==> flow/design.v <==
module diff_unit_v2 #(
    parameter integer BITS = 5
) (
    input logic clk,
    input logic [BITS-1:0] in0_in,
    input logic [BITS-1:0] in1_in,
    output logic [BITS-1:0] res_out
);
    always_ff @(posedge clk)
        res_out <= (in0_in > in1_in) ? in0_in - in1_in : in1_in - in0_in;
endmodule
# [Tool chain data of diff_unit_v2]
# The steps from the RTL of diff_unit_v2 to its reports follow in flow order.
# Line numbers count from 1 in the design file above.
# Operators carry their Yosys type and port widths (W data, S select, Z words).
# Library cell names are shortened.
# The mark -- stands for no value.
[design] top="diff_unit_v2" clock_port="clk" library="sky130hd" pvt_corner="tt_025C_1v80"

# [After elaboration]
# Yosys after proc, flatten, opt, wreduce and memory -nomap, before mapping. Enables and synchronous resets that opt folds into registers are not counted as muxes. Memory bits, and registers merged into a memory's read port (data or address), are not among the register bits. Print and check cells are not counted. Equal cells are merged and count once.
[op_classes] cmp=1 mux=1 n_addsub=2
[ops] operator="$sub A5 B5 Y5" count=2
[ops] operator="$gt A5 B5 Y1" count=1
[ops] operator="$mux W5" count=1
[word_totals] inputBits=11 elab_cells=5 out_inout_bits=5 regBits=5

# [Depth]
# Yosys ltp: most cells in a row. Word level: on the elaborated netlist, between registers, memories and ports. Mapped: between sequential cells and ports; inverters and the memories' decode and read muxes count.
[depth] word_depth=2 abc_area=0 depth_mapped=8 ltp_nobuf=8

# [After synthesis]
# The flow's flattened synthesis, as Yosys stat reports it; memories are mapped. The netlist is that of the ABC_AREA named above (0 if unset); the other value can give another one.
[synth_totals] ffs=5 buffers=2 seqArea_um2=100.1 cell_count=66 mapped_area_um2=579.3
[by_type] cell="ha_1" count=9 area_total_um2=112.608
[by_type] cell="dfxtp_1" count=5 area_total_um2=100.096
[by_type] cell="inv_1" count=13 area_total_um2=48.797
[by_type] cell="fa_1" count=2 area_total_um2=40.038
[by_type] cell="mux2i_1" count=3 area_total_um2=30.029
[by_type] cell="a21oi_1" count=4 area_total_um2=20.019
[by_type] cell="nand3b_4" count=1 area_total_um2=20.019
[by_type] cell="o21ai_0" count=4 area_total_um2=20.019
[by_type] cell="a21oi_2" count=2 area_total_um2=17.517
[by_type] cell="a21oi_4" count=1 area_total_um2=16.266
[by_type] cell="a21o_1" count=2 area_total_um2=15.014
[by_type] cell="a31oi_1" count=2 area_total_um2=12.512
[by_type] cell="o22ai_2" count=1 area_total_um2=12.512
[by_type] cell="buf_6" count=1 area_total_um2=11.261
[by_type] cell="nand2_1" count=3 area_total_um2=11.261
[by_type] cell="a311o_1" count=1 area_total_um2=10.01
[by_type] cell="a21o_2" count=1 area_total_um2=8.758
[by_type] cell="xnor2_1" count=1 area_total_um2=8.758
# Other cell types: 9; their cells: 10.

# [Path before layout]
# OpenSTA on the mapped netlist: ideal clock, no wires. The path of least setup slack (recovery checks aside). Input and output delay are each 20% of the period. Register names are those of the netlist, which keeps one name where synthesis merged equal registers.
[synth_timing] path_kind="input to register" start="input port in0_in[2]" end="register res_out[4]" path_stages=8 t_first_pin_ns=0.400 input_delay_ns=0.400 required_ns=1.928 path_delay_ns=1.278 period_ns=2.0 path_slack_ns=0.323 setup_ns=0.072 t_arrival_ns=1.606 n_path_buf=1 synth_period_reached_ns=1.677
# "path_delay_ns" is the arrival time less input delay plus setup time.
# "path_stages" counts driving pins, that of a launching flip-flop among them; a cell with two outputs on the path counts twice.
# "synth_period_reached_ns" is the clock period less the worst setup slack; recovery checks do not enter. This is arithmetic on one report: input and output delays are still those of the set period (20% each).
# Between the ends stands the longest chain of elaborated cells between them, by number of cells; it is not shown to be the way that was timed. Of several equally long chains one is given.
# A line is the first line of the expression or statement that the cell stems from. Yosys adds cells for indexed reads and writes and turns some case tables into memories.
[synth_via] path_cell_list="inv_1 -> ha_1 -> buf_6 -> a21oi_2 -> a21oi_2 -> o22ai_2 -> mux2i_1 -> xor2_1" elab_chain_len=2 cells_between=4 lines_between=1 cone_classes="add/sub (2); compare (1); mux (1)"
[synth_rtl] item="start, declared" line_no=5 source="input logic [BITS-1:0] in0_in,"
[synth_rtl] item="$sub A5 B5 Y5" line_no=10 source="res_out <= (in0_in > in1_in) ? in0_in - in1_in : in1_in - in0_in;"
[synth_rtl] item="$mux W5" line_no=10
[synth_rtl] item="end, assigned" line_no=10
[synth_rtl] item="end, declared" line_no=7 source="output logic [BITS-1:0] res_out"

# [Worst path after layout]
# From the final timing report of record 1: the path of least setup slack in the routed layout; clock arrival at registers is part of the times.
[layout_timing] path_kind="input to register" start="input port in0_in[0]" end="register res_out[4]" required_ns=2.17 period_ns=2.0 t_first_pin_ns=0.40 t_arrival_ns=2.07 n_path_buf=1 path_stages=9 setup_ns=0.07 input_delay_ns=0.40 path_slack_ns=0.09
# Between the ends stands the longest chain of elaborated cells between them, by number of cells; it is not shown to be the way that was timed. Of several equally long chains one is given.
[layout_via] path_cell_list="clkdlybuf4s50_1 -> inv_1 -> ha_2 -> fa_2 -> inv_2 -> a21o_1 -> a21oi_1 -> mux2i_1 -> xor2_1" elab_chain_len=2 cells_between=4 lines_between=1 cone_classes="add/sub (2); compare (1); mux (1)"
[layout_rtl] item="start, declared" line_no=5 source="input logic [BITS-1:0] in0_in,"
[layout_rtl] item="$sub A5 B5 Y5" line_no=10 source="res_out <= (in0_in > in1_in) ? in0_in - in1_in : in1_in - in0_in;"
[layout_rtl] item="$mux W5" line_no=10
[layout_rtl] item="end, assigned" line_no=10
[layout_rtl] item="end, declared" line_no=7 source="output logic [BITS-1:0] res_out"

# Measured results for diff_unit_v2: 3 stored runs of the Yosys and OpenROAD flow on sky130hd. The settings differ; the order carries no meaning. The constraints put input and output delay at 20% of the set period each and load the outputs with 0.01 pF.
# "achieved_period_ns" is the run's clock period less its worst setup slack. It is reckoned from that one timing run; input and output delays stay at 20% of the period that was set.
# "worst_path_ns" means the part of the period allowed to the worst setup path (the constraints hold back 20% at inputs and 20% at outputs) less its slack; where the path has registers, the arrival times of their clocks count too.
# "power_total_uw" rests on the timing tool's default activity at the inputs, not on a simulated workload.
run="record 1" settings period_ns=2.0 CAP_MARGIN=20 CORE_MARGIN=2 CORE_UTILIZATION=40 SLEW_MARGIN=20
run="record 1" results timing.hold.ws_ns=0.614 tns_setup_ns=0.000 achieved_period_ns=1.905 fin_util_pct=69.8 power_total_uw=511.6 final_cell_area_um2=930.9 worst_path_ns=1.51 worstPathKind="input to register" ys_area_um2=579.3 final_setup_ws_ns=0.095 die_footprint_um2=1768.6
run="record 2" settings period_ns=1.69 CORE_UTILIZATION=51 SETUP_SLACK_MARGIN=0.14 PLACE_DENSITY_LB_ADDON=0.24 HOLD_SLACK_MARGIN=0.17 CORE_ASPECT_RATIO=0.57 CORE_MARGIN=8 CELL_PAD_IN_SITES_DETAIL_PLACEMENT=2 ABC_AREA=1 GPL_TIMING_DRIVEN=1 GPL_ROUTABILITY_DRIVEN=0 CTS_CLUSTER_SIZE=46 CAP_MARGIN=5 MIN_ROUTING_LAYER="met1" SLEW_MARGIN=20
run="record 2" outcome="incomplete, floorplanning halted on PDN-0185"
run="record 3" settings period_ns=1.28 CORE_UTILIZATION=20 SETUP_SLACK_MARGIN=-0.07 PLACE_DENSITY_LB_ADDON=0.29 CORE_MARGIN=5 CELL_PAD_IN_SITES_DETAIL_PLACEMENT=2 ABC_AREA=1 CTS_CLUSTER_DIAMETER=152 CAP_MARGIN=25 MIN_ROUTING_LAYER="met1" MAX_ROUTING_LAYER="met5" SLEW_MARGIN=20
run="record 3" results final_setup_ws_ns=-0.017 final_cell_area_um2=1066.0 ys_area_um2=625.6 die_footprint_um2=4346.8 worst_path_ns=1.04 worstPathKind="input to register" power_total_uw=882.3 fin_util_pct=35.2 timing.hold.ws_ns=0.388 achieved_period_ns=1.297 tns_setup_ns=-0.023
